==> flow/design.v <==
module ex_shift_unit_v2 #(
  parameter NBITS = 96,
  parameter SEL_WIDTH = $clog2(NBITS)
) (
  input logic clock,
  input logic [NBITS-1:0] bus,
  input logic [NBITS-1:0] rhs,
  input logic [SEL_WIDTH-1:0] amt,
  output logic [NBITS-1:0] res
);
  logic [NBITS-1:0] r_bus;
  logic [NBITS-1:0] r_rhs;
  logic [SEL_WIDTH-1:0] r_amt;
  always_ff @(posedge clock) begin
    r_bus <= bus;
    r_rhs <= rhs;
    r_amt <= amt;
  end
  logic [2*NBITS-1:0] t;
  assign t = {r_rhs, r_bus} >> r_amt;
  assign res = t[NBITS-1:0];
endmodule
Tool chain data of ex_shift_unit_v2
The steps from the RTL of ex_shift_unit_v2 to its reports follow in flow order. Lines are those of the file above, counted from 1. Operators carry their Yosys type and port widths (W data, S select, Z words). Cell names lack the library's common part. The mark -- stands for no value.

Top: ex_shift_unit_v2. Clock input: clock. Cell library: sky130hd. Timing corner: tt_025C_1v80.

Word-level counts
Source: Yosys, flattened and elaborated, memories not mapped. Widths are those after wreduce; folded enables and synchronous resets count as part of the registers. Registers that Yosys merges into a memory's read port (data or address) are not register bits. Print and check cells do not count. Equal cells are merged and count once.

For register bits after elaboration the number is 199. The figure for input port bits is 200. The figure for output and inout port bits is 96. The figure for cells after elaboration is 4.

For shifts and indexed selects the number is 1.

Operators with widths (number): $shr A192 B7 Y96 (1).

Logic depth
Longest topological path by Yosys (ltp), each cell counted once; first at word level (registers and memories cut), then after technology mapping (sequential cells cut; the memories' decode and read muxes count).

The entry for word-level depth reads 1. Under ABC_AREA stands 0. Under mapped depth stands 12. The entry for depth with buffers taken out reads 6.

Mapped cells and area
The flow's flattened synthesis, as Yosys stat reports it; memories are mapped. The netlist is that of the ABC_AREA named above (0 if unset); the other value can give another one. Totals and module areas in this step are rounded.

The entry for cell count reads 2301. Chip area (Yosys): 20300 µm². The entry for sequential area reads 3980 µm². For flip-flops the number is 199. Under buffer cells stands 221.

Cell types: dfxtp_1 (number 199, total area 3.98E+03 µm²); mux4_2 (number 113, total area 2.54E+03 µm²); mux2i_1 (number 200, total area 2001.92 µm²); mux2_2 (number 140, total area 1.58E+03 µm²); o22ai_1 (number 161, total area 1.01E+03 µm²); nand2_1 (number 203, total area 761.981 µm²); nor2_1 (number 191, total area 716.938 µm²); a22oi_1 (number 80, total area 600.576 µm²); a211oi_1 (number 59, total area 442.925 µm²); a21oi_1 (number 74, total area 370.355 µm²); clkbuf_1 (number 94, total area 352.838 µm²); o221ai_1 (number 40, total area 350.336 µm²); a22o_1 (number 35, total area 306.544 µm²); buf_2 (number 60, total area 300.288 µm²); a221oi_1 (number 34, total area 297.786 µm²); o21ai_0 (number 53, total area 265.254 µm²); o211ai_1 (number 34, total area 255.245 µm²); buf_6 (number 20, total area 225.216 µm²).

Not listed: further types 70, cells in them 511.

Worst setup path after synthesis
OpenSTA on the mapped netlist: ideal clock, no wires. The path of least setup slack (recovery checks aside). Input and output delay are each 20% of the period. Register names are those of the netlist, which keeps one name where synthesis merged equal registers.

Path type: register to output. Start point: register r_amt[0]. End point: output port res[71]. Under clock period stands 3.89 ns. External output delay: 0.778 ns. For time at the first pin the number is 0.000 ns. For arrival time the number is 2.490 ns. Required time: 3.112 ns. Slack: 0.622 ns. For path delay the number is 2.490 ns. The figure for stages is 9. Under path buffers stands 2. Synthesis period reached: 3.268 ns.

"path delay" is the arrival time less input delay plus setup time. At an output port there is no setup time. "stages" counts driving pins, that of a launching flip-flop among them; a cell with two outputs on the path counts twice. "synthesis period reached" = period - worst setup slack (recovery checks aside). The figure is calculated, with input and output delays left at 20% of the set period. Between the ends stands the longest chain of elaborated cells between them, by number of cells; it is not shown to be the way that was timed. Of several equally long chains one is given. A line is the first line of the expression or statement that the cell stems from. Yosys adds cells for indexed reads and writes and turns some case tables into memories.

Cells stage by stage: dfxtp_1 -> buf_4 -> inv_2 -> buf_2 -> mux4_2 -> o2bb2ai_1 -> a221oi_1 -> o22ai_1 -> nor3_1. Under cells in the longest elaborated chain stands 1. Under elaborated cells on any way between the ends stands 1. Under source lines of those cells stands 1. Those cells by class: shift: 1.

RTL lines, path post-synthesis: from (decl) (RTL line 13) `logic [SEL_WIDTH-1:0] r_amt;`; from (assign) (RTL line 17) `r_amt <= amt;`; $shr A192 B7 Y96 (RTL line 20) `assign t = {r_rhs, r_bus} >> r_amt;`; to (decl) (RTL line 9) `output logic [NBITS-1:0] res`.

Timing after layout
From the final timing report of record 2: the path of least setup slack in the routed layout; clock arrival at registers is part of the times.

Path type: register to output. Start point: register r_amt[1]. End point: output port res[83]. Under clock period stands 3.89 ns. External output delay: 0.78 ns. For time at the first pin the number is 0.51 ns. For arrival time the number is 3.80 ns. Required time: 3.11 ns. Slack: -0.68 ns. The figure for stages is 12. Under path buffers stands 5.

Between the ends stands the longest chain of elaborated cells between them, by number of cells; it is not shown to be the way that was timed. Of several equally long chains one is given.

Cells stage by stage: dfxtp_4 -> buf_12 -> clkbuf_16 -> buf_12 -> buf_8 -> mux2i_1 -> mux4_2 -> a2bb2oi_2 -> o211ai_1 -> o221a_2 -> nor3_4 -> buf_2. Under cells in the longest elaborated chain stands 1. Under elaborated cells on any way between the ends stands 1. Under source lines of those cells stands 1. Those cells by class: shift: 1.

RTL lines, path after layout: from (decl) (RTL line 13) `logic [SEL_WIDTH-1:0] r_amt;`; from (assign) (RTL line 17) `r_amt <= amt;`; $shr A192 B7 Y96 (RTL line 20) `assign t = {r_rhs, r_bus} >> r_amt;`; to (decl) (RTL line 9) `output logic [NBITS-1:0] res`.

Below are 3 stored runs of the flow (Yosys, OpenROAD; platform sky130hd) on ex_shift_unit_v2, each with its settings and what was measured, unordered. Constraints: input delay and output delay 20% of the set period each, output load 0.01 pF. "achieved period" means the clock period less the worst setup slack. The figure is calculated, with input and output delays left at 20% of the set period. "critical setup path time" means the part of the period allowed to the worst setup path (the constraints hold back 20% at inputs and 20% at outputs) less its slack; where the path has registers, the arrival times of their clocks count too. By "total power of the final layout" is meant OpenSTA's value without simulated activity: inputs other than the clock are taken to toggle once in ten clock periods, and the tool carries that through the logic. Values from the reports are rounded here.

Record 1 has these settings: period_ns 3.05; CORE_UTILIZATION 43; PLACE_DENSITY 0.93; CELL_PAD_IN_SITES_GLOBAL_PLACEMENT 0; CELL_PAD_IN_SITES_DETAIL_PLACEMENT 1; CAP_MARGIN 40; SLEW_MARGIN 10; MIN_ROUTING_LAYER met1; CORE_MARGIN 2. Outcome: unfinished; error DPL-0033 in clock tree synthesis.

Record 2 has these settings: period_ns 3.89; CAP_MARGIN 20; CORE_MARGIN 2; CORE_UTILIZATION 40; SLEW_MARGIN 20. The setup slack of the worst path comes to -0.684 ns. The final design utilization comes to 71.3 %. The standard-cell area after layout comes to 35,800 µm². The measured cell area after synthesis is 20,300 µm². The achieved period comes to 4.574 ns. The total power of the final layout stands at 10,900 uW. The measured total negative slack is -39.5 ns. The worst hold slack after layout stands at 0.702 ns. For the die size the run shows 52,600 µm². The critical setup path time reads 3.80 ns. Critical path type: register to output.

Record 3 has these settings: period_ns 2.6; CORE_UTILIZATION 49; SETUP_SLACK_MARGIN -0.05; PLACE_DENSITY_LB_ADDON 0.17; CORE_ASPECT_RATIO 1.75; CORE_MARGIN 5; TNS_END_PERCENT 60; ABC_AREA 1; GPL_TIMING_DRIVEN 0; SLEW_MARGIN 40; MAX_ROUTING_LAYER met5; CAP_MARGIN 20. Outcome: unfinished; error GRT-0116 in routing.
